==> flow/design.v <==
module alu_mplex_blk (ck, ch, s, result);
  parameter W = 12;
  parameter INPUTS = 32;
  localparam LOGN = $clog2(INPUTS);
  input ck;
  input [INPUTS*W-1:0] ch;
  input [LOGN-1:0] s;
  output [W-1:0] result;
  reg [INPUTS*W-1:0] ch_reg;
  reg [LOGN-1:0] s_reg;
  always @(posedge ck) begin
    ch_reg <= ch;
    s_reg <= s;
  end
  wire [INPUTS-1:0] dec;
  assign dec = {{(INPUTS-1){1'b0}}, 1'b1} << s_reg;
  reg [W-1:0] r;
  integer k;
  always @* begin
    r = 0;
    for (k = 0; k < INPUTS; k = k + 1)
      r = r | (ch_reg[k*W +: W] & {W{dec[k]}});
  end
  assign result = r;
endmodule
# == Tool chain data of alu_mplex_blk ==
# What the tools print for alu_mplex_blk, step after step.
# Lines are those of the file above, counted from 1.
# Operators: Yosys type, input widths -> output width; for muxes data width and select width s.
# A cell with n/a has no value.
# inputs
top,alu_mplex_blk
clock,ck
library,sky130hd
corner,tt_025C_1v80

# == Word-level counts ==
# Counts by Yosys on the flattened word-level netlist (proc, flatten, opt, wreduce; memories kept). Register bits leave out memories and registers merged into their read ports (data or address); mux counts leave out enables and synchronous resets folded into registers. Print and check cells are left out. Cells with the same type and inputs are merged into one.
# classes
shift,1
logic,63
# op_table
operator,n
$and 12x12->12,32
$or 12x12->12,31
$shl 1x5->32 const A,1
# bits
register_bits,389
input_bits,390
wordCells,66

# == Logic depth ==
# Longest topological path by Yosys (ltp), each cell counted once; first at word level (registers and memories cut), then after technology mapping (sequential cells cut; the memories' decode and read muxes count).
# depth
word_depth,33
ABC_AREA,0
ltp_mapped,8

# == Synthesis result ==
# Yosys stat after the flow's synthesis: flattened, memories mapped to cells. It holds for the ABC_AREA given above (unset counts as 0); a run with the other value may have another netlist.
# The area totals of this step are shown rounded.
# by_type
cell,n
sky130_fd_sc_hd__dfxtp_1,389
sky130_fd_sc_hd__a22oi_1,83
sky130_fd_sc_hd__a22o_1,30
sky130_fd_sc_hd__nand3_1,39
sky130_fd_sc_hd__mux2_2,13
sky130_fd_sc_hd__mux2i_1,14
sky130_fd_sc_hd__nand4_1,22
sky130_fd_sc_hd__nor2_1,34
sky130_fd_sc_hd__buf_2,23
sky130_fd_sc_hd__a2111oi_0,10
sky130_fd_sc_hd__a21oi_1,16
sky130_fd_sc_hd__and4_1,9
sky130_fd_sc_hd__o2bb2ai_1,9
sky130_fd_sc_hd__and3_1,11
sky130_fd_sc_hd__nor4_1,10
sky130_fd_sc_hd__o22ai_1,10
sky130_fd_sc_hd__a32oi_1,7
sky130_fd_sc_hd__clkbuf_1,16
# Other cell types: 36; their cells: 80.
# synth_totals
mapped_cells,825
synth_area_um2,10800
ffs,389
buf_cells,44

# == Worst setup path after synthesis ==
# Source: OpenSTA report_checks on the synthesized netlist (no wires, ideal clock, input and output delay 20% of the period each), path of least setup slack; recovery checks are left aside. Register names are those of the netlist, which keeps one name where synthesis merged equal registers.
# synth_path
path_type,register to output
from,register s_reg[4]
to,output result[4]
clock_period_ns,2.75
output_delay_ns,0.550
t_first_pin_ns,0.000
arrival_ns,1.762
required_ns,2.200
slack_ns,0.438
path_delay_ns,1.762
driving_pins,9
n_path_buf,3
period_less_setup_slack_ns,2.312
# "path_delay_ns" = arrival - input delay + setup time.
# At an output port there is no setup time.
# "driving_pins": output pins that drive a net of the path, with the launching flip-flop's if there is one; two outputs of one cell count as two.
# "period_less_setup_slack_ns" = period - worst setup slack (recovery checks aside). The figure is calculated, with input and output delays left at 20% of the set period.
# Between the ends stands the longest chain of elaborated cells between them, by number of cells; it is not shown to be the way that was timed. Of several equally long chains one is given.
# A line is the first line of the expression or statement that the cell stems from. Yosys adds cells for indexed reads and writes and turns some case tables into memories.
# synth_between
cell_sequence,sky130_fd_sc_hd__dfxtp_1 -> sky130_fd_sc_hd__buf_6 -> sky130_fd_sc_hd__buf_6 -> sky130_fd_sc_hd__buf_2 -> sky130_fd_sc_hd__mux2_2 -> sky130_fd_sc_hd__a22oi_1 -> sky130_fd_sc_hd__nor2_1 -> sky130_fd_sc_hd__nor4_1 -> sky130_fd_sc_hd__nand4_1
elab_chain_len,33
cells_between,64
# synth_lines
item,line,text
"start, declared",10,reg [LOGN-1:0] s_reg;
"start, assigned",13,s_reg <= s;
$shl 1x5->32,16,"assign dec = {{(INPUTS-1){1'b0}}, 1'b1} << s_reg;"
$and 12x12->12,22,r = r | (ch_reg[k*W +: W] & {W{dec[k]}});
$or 12x12->12 x31,22,
"end, declared",8,output [W-1:0] result;

# == Path in the finished layout ==
# Path of least setup slack in the final report of run A (OpenROAD, finished layout, wires in). Where an end is a register, its clock arrival counts in the times.
# layout_path
path_type,register to output
from,register s_reg[2]
to,output result[9]
clock_period_ns,3.7
output_delay_ns,0.74
t_first_pin_ns,0.54
arrival_ns,2.70
required_ns,2.96
slack_ns,0.26
driving_pins,9
n_path_buf,3
# Between the ends stands the longest chain of elaborated cells between them, by number of cells; it is not shown to be the way that was timed. Of several equally long chains one is given.
# layout_between
cell_sequence,sky130_fd_sc_hd__dfxtp_4 -> sky130_fd_sc_hd__buf_4 -> sky130_fd_sc_hd__nor3b_2 -> sky130_fd_sc_hd__buf_4 -> sky130_fd_sc_hd__and3_1 -> sky130_fd_sc_hd__a2111oi_4 -> sky130_fd_sc_hd__nand4_1 -> sky130_fd_sc_hd__or4_1 -> sky130_fd_sc_hd__buf_2
elab_chain_len,33
cells_between,64
# layout_lines
item,line,text
"start, declared",10,reg [LOGN-1:0] s_reg;
"start, assigned",13,s_reg <= s;
$shl 1x5->32,16,"assign dec = {{(INPUTS-1){1'b0}}, 1'b1} << s_reg;"
$and 12x12->12,22,r = r | (ch_reg[k*W +: W] & {W{dec[k]}});
$or 12x12->12 x31,22,
"end, declared",8,output [W-1:0] result;

3 stored runs of alu_mplex_blk in the flow (synthesis by Yosys, layout by OpenROAD, sky130hd cells), in arbitrary order. Constraints: input delay and output delay 20% of the set period each, output load 0.01 pF.
By "worst_path_ns" is meant the share of the clock period that the worst setup path is allowed (20% is reserved at inputs, 20% at outputs), minus its slack. Clock arrival times at its registers enter into it.
"fin_power_mw": no workload was simulated; the value follows from the tool's default switching activity.
The results are shown rounded.

Run A, flow files:
==> flow/run.sh <==
#!/bin/bash
# the make line also repeats the synthesis and layout settings of config.mk as NAME=value (left out here)
make -C /OpenROAD-flow-scripts/flow DESIGN_CONFIG=/design/flow/config.mk WORK_HOME=/design/flow/orfs CLKGATE_MAP_FILE= finish
==> flow/config.mk <==
export PLATFORM = sky130hd
export DESIGN_NAME = alu_mplex_blk
export DESIGN_NICKNAME = alu_mplex_blk
export VERILOG_FILES = /design/flow/design.v
export SDC_FILE = /design/flow/constraint.sdc
export NUM_CORES = 4
export LEC_CHECK = 0
export ABC_AREA = 0
export CAP_MARGIN = 20
export CORE_MARGIN = 2
export CORE_UTILIZATION = 54
export CTS_CLUSTER_DIAMETER = 214
export CTS_CLUSTER_SIZE = 61
export MAX_ROUTING_LAYER = met5
export SETUP_SLACK_MARGIN = 0.38
export SLEW_MARGIN = 20
export TNS_END_PERCENT = 45
==> flow/constraint.sdc <==
create_clock -name core_clock -period 3.7 [get_ports {ck}]
set_input_delay 0.7400 -clock core_clock [delete_from_list [all_inputs] [get_ports {ck}]]
set_output_delay 0.7400 -clock core_clock [all_outputs]
set_load 0.01 [all_outputs]

==> results of run A, as CSV <==
result,value
synthesis_area_um2,10800
die_um2,21100
utilization_pct,83.0
worstSetupSlack_ns,0.258
tns_ns,0.000
holdWs_ns,0.597
fin_power_mw,7.05
worst_path_ns,2.70
worstPathKind,"register to output"

Run B, flow files:
==> flow/run.sh <==
#!/bin/bash
# the make line also repeats the synthesis and layout settings of config.mk as NAME=value (left out here)
make -C /OpenROAD-flow-scripts/flow DESIGN_CONFIG=/design/flow/config.mk WORK_HOME=/design/flow/orfs CLKGATE_MAP_FILE= finish
==> flow/config.mk <==
export PLATFORM = sky130hd
export DESIGN_NAME = alu_mplex_blk
export DESIGN_NICKNAME = alu_mplex_blk
export VERILOG_FILES = /design/flow/design.v
export SDC_FILE = /design/flow/constraint.sdc
export NUM_CORES = 4
export LEC_CHECK = 0
export CAP_MARGIN = 20
export CORE_MARGIN = 2
export CORE_UTILIZATION = 40
export SLEW_MARGIN = 20
==> flow/constraint.sdc <==
create_clock -name core_clock -period 2.75 [get_ports {ck}]
set_input_delay 0.5500 -clock core_clock [delete_from_list [all_inputs] [get_ports {ck}]]
set_output_delay 0.5500 -clock core_clock [all_outputs]
set_load 0.01 [all_outputs]

==> results of run B, as CSV <==
result,value
synthesis_area_um2,10800
die_um2,28300
utilization_pct,69.1
worstSetupSlack_ns,-0.380
tns_ns,-3.79
holdWs_ns,0.456
fin_power_mw,12.8
worst_path_ns,2.58
worstPathKind,"register to output"

Run C, flow files:
==> flow/run.sh <==
#!/bin/bash
# the make line also repeats the synthesis and layout settings of config.mk as NAME=value (left out here)
make -C /OpenROAD-flow-scripts/flow DESIGN_CONFIG=/design/flow/config.mk WORK_HOME=/design/flow/orfs CLKGATE_MAP_FILE= finish
==> flow/config.mk <==
export PLATFORM = sky130hd
export DESIGN_NAME = alu_mplex_blk
export DESIGN_NICKNAME = alu_mplex_blk
export VERILOG_FILES = /design/flow/design.v
export SDC_FILE = /design/flow/constraint.sdc
export NUM_CORES = 4
export LEC_CHECK = 0
export ABC_AREA = 0
export CAP_MARGIN = 20
export CELL_PAD_IN_SITES_DETAIL_PLACEMENT = 1
export CORE_ASPECT_RATIO = 1.38
export CORE_MARGIN = 7
export CORE_UTILIZATION = 43
export CTS_CLUSTER_DIAMETER = 203
export GPL_ROUTABILITY_DRIVEN = 0
export MAX_ROUTING_LAYER = met4
export PLACE_DENSITY = 0.48
export SLEW_MARGIN = 20
export TNS_END_PERCENT = 100
==> flow/constraint.sdc <==
create_clock -name core_clock -period 2.26 [get_ports {ck}]
set_input_delay 0.4520 -clock core_clock [delete_from_list [all_inputs] [get_ports {ck}]]
set_output_delay 0.4520 -clock core_clock [all_outputs]
set_load 0.01 [all_outputs]

Run C: no final report: routing broke off with ODB-0269
